==> flow/design.v <==
module cmp_unit_blk #(
    parameter int W = 48
) (
    input logic core_clk,
    input logic clr,
    input logic [W-1:0] lhs_in,
    input logic [W-1:0] rhs_in,
    output logic a_lt_b_out,
    output logic is_eq_out,
    output logic gt_out
);
    always_ff @(posedge core_clk or posedge clr) begin
        if (clr) begin
            a_lt_b_out <= 1'b0;
            is_eq_out <= 1'b0;
            gt_out <= 1'b0;
        end else begin
            a_lt_b_out <= (lhs_in < rhs_in);
            is_eq_out <= (lhs_in == rhs_in);
            gt_out <= (lhs_in > rhs_in);
        end
    end
endmodule
# Tool chain data of cmp_unit_blk
# What the tools print for cmp_unit_blk, step after step.
# Line numbers count from 1 in the design file above.
# A cell with - has no value.
# design
design	cmp_unit_blk
clock	core_clk
library	sky130hd
pvt_corner	tt_025C_1v80

# After elaboration
# Yosys after proc, flatten, opt, wreduce and memory -nomap, before mapping. Enables and synchronous resets that opt folds into registers are not counted as muxes. Memory bits, and registers merged into a memory's read port (data or address), are not among the register bits. Print and check cells are not counted. Equal cells are merged and count once.
# op_classes
compare	2
n_eq	1
# ops
op	n
48-bit greater-than comparator	1
48-bit less-than comparator	1
48-bit equality test	1
# bits
regBits	3

# Depth
# Longest topological path by Yosys (ltp), each cell counted once; first at word level (registers and memories cut), then after technology mapping (sequential cells cut; the memories' decode and read muxes count).
# depth
word_depth	1
abc_area	0
mapped_depth	7

# Mapped cells and area
# Source: synth_stat.txt of the flow (Yosys; design flattened, memories mapped). It holds for the ABC_AREA given above (unset counts as 0); a run with the other value may have another netlist.
# Totals and module areas in this step are rounded.
# mapped
area_mm2	0.0014
seqArea_mm2	0.000075
ff_cells	3
stdcells	187
# by_type
cell_type	n	type_area_um2
sky130_fd_sc_hd__ha_1	48	600.576
sky130_fd_sc_hd__inv_1	51	191.434
sky130_fd_sc_hd__a21oi_1	21	105.101
sky130_fd_sc_hd__dfrtp_1	3	75.072
sky130_fd_sc_hd__nand4_1	9	56.304
sky130_fd_sc_hd__nand2_1	12	45.043
sky130_fd_sc_hd__and4_4	3	33.782
sky130_fd_sc_hd__nand3_1	5	25.024
sky130_fd_sc_hd__nand4_2	2	25.024
sky130_fd_sc_hd__nor4_2	2	25.024
sky130_fd_sc_hd__o21ai_0	5	25.024
sky130_fd_sc_hd__nor4b_4	1	23.773
sky130_fd_sc_hd__nand4_4	1	21.27
sky130_fd_sc_hd__a221oi_2	1	15.014
sky130_fd_sc_hd__nor4b_2	1	15.014
sky130_fd_sc_hd__or4_4	1	11.261
sky130_fd_sc_hd__a2111oi_0	1	8.758
sky130_fd_sc_hd__a211o_1	1	8.758
# Not listed: further types 18, cells in them 19.

# Timing after synthesis
# OpenSTA on the mapped netlist: ideal clock, no wires. The path of least setup slack (recovery checks aside). Input and output delay are each 20% of the period. Register names are those of the netlist, which keeps one name where synthesis merged equal registers.
# synth_timing
path_kind	input-to-reg
startpoint	in rhs_in[15]
endpoint	reg gt_out
t_arrival_ns	1.616
stages	7
setup_time_ns	0.129
path_delay_ns	1.329
launch_ns	0.416
n_path_buf	0
path_slack_ns	0.335
required_time_ns	1.951
clock_period_ns	2.08
synth_period_reached_ns	1.745
# "path_delay_ns" is the arrival time less input delay plus setup time.
# "stages" counts driving pins, that of a launching flip-flop among them; a cell with two outputs on the path counts twice.
# "synth_period_reached_ns" = period - worst setup slack (recovery checks aside). The figure is calculated, with input and output delays left at 20% of the set period.
# The rows between start and end are the longest chain of elaborated cells between them; the timing report does not say that the signal goes this way. Where chains are equally long, one stands for them.
# A line is the first line of the expression or statement that the cell stems from. Yosys adds cells for indexed reads and writes and turns some case tables into memories.
# synth_between
path_cell_list	sky130_fd_sc_hd__inv_1 sky130_fd_sc_hd__ha_1 sky130_fd_sc_hd__nand4_2 sky130_fd_sc_hd__nor4_2 sky130_fd_sc_hd__and4_1 sky130_fd_sc_hd__a211o_1 sky130_fd_sc_hd__nand3_1
elab_chain_cells	1
cone_cells	1
# synth_lines
item	line_no	source
from (decl)	7	input logic [W-1:0] rhs_in,
48-bit greater-than comparator	20	gt_out <= (lhs_in > rhs_in);
to (assign)	16	gt_out <= 1'b0;
to (assign)	20
to (decl)	10	output logic gt_out

# Path in the finished layout
# From the final timing report of stored run 1: the path of least setup slack in the routed layout; clock arrival at registers is part of the times.
# layout_timing
path_kind	input-to-reg
startpoint	in rhs_in[10]
endpoint	reg gt_out
clock_period_ns	3.19
n_path_buf	1
setup_time_ns	0.12
required_time_ns	3.28
launch_ns	0.64
t_arrival_ns	2.48
path_slack_ns	0.80
stages	8
# The rows between start and end are the longest chain of elaborated cells between them; the timing report does not say that the signal goes this way. Where chains are equally long, one stands for them.
# layout_between
path_cell_list	sky130_fd_sc_hd__clkdlybuf4s50_1 sky130_fd_sc_hd__inv_1 sky130_fd_sc_hd__ha_1 sky130_fd_sc_hd__nand4_1 sky130_fd_sc_hd__nor4_2 sky130_fd_sc_hd__and4_1 sky130_fd_sc_hd__a31o_1 sky130_fd_sc_hd__nand3_1
elab_chain_cells	1
cone_cells	1
# layout_lines
item	line_no	source
from (decl)	7	input logic [W-1:0] rhs_in,
48-bit greater-than comparator	20	gt_out <= (lhs_in > rhs_in);
to (assign)	16	gt_out <= 1'b0;
to (assign)	20
to (decl)	10	output logic gt_out

# Below are 3 stored runs of the flow (Yosys, OpenROAD; platform sky130hd) on cmp_unit_blk, each with its settings and what was measured, unordered. Constraints: input delay and output delay 20% of the set period each, output load 0.01 pF.
# By "timing.achieved_period_ns" is meant the clock period of the run minus its worst setup slack. This is arithmetic on one report: input and output delays are still those of the set period (20% each).
# "critical_path_time_ns" = time allowed to the worst setup path (clock period - input delay - output delay, where it has them) - its slack; a late launch clock adds to it, a late capture clock takes from it.
# The results are shown rounded.
# A setting shown as -- is not set for that run.
# A result given as -- is not shown for that run.
stored run	period_ns	CORE_UTILIZATION	PLACE_DENSITY_LB_ADDON	CORE_ASPECT_RATIO	CTS_CLUSTER_DIAMETER	CAP_MARGIN	CORE_MARGIN	SLEW_MARGIN	SETUP_SLACK_MARGIN	CELL_PAD_IN_SITES_GLOBAL_PLACEMENT	CTS_CLUSTER_SIZE	MIN_ROUTING_LAYER	finalUtil_pct	timing.achieved_period_ns	setup_ws_ns	setup_tns_ns	synthArea_mm2	final_die_area_mm2	critical_path_time_ns	critical_path_kind
stored run 1	3.19	44	0.05	0.86	143	20	2	20	--	--	--	--	80	2.390	0.80	0.000	0.0014	0.0038	1.75	input-to-reg
stored run 2	2.12	49	0.06	--	--	20	4	20	0.47	2	67	met2	--	--	--	--	--	--	--	--
stored run 3	2.08	40	--	--	--	20	2	20	--	--	--	--	91	2.179	-0.099	-0.16	0.0014	0.0041	1.76	input-to-reg
# Stored run 2: unfinished; error FLW-0024 in placement
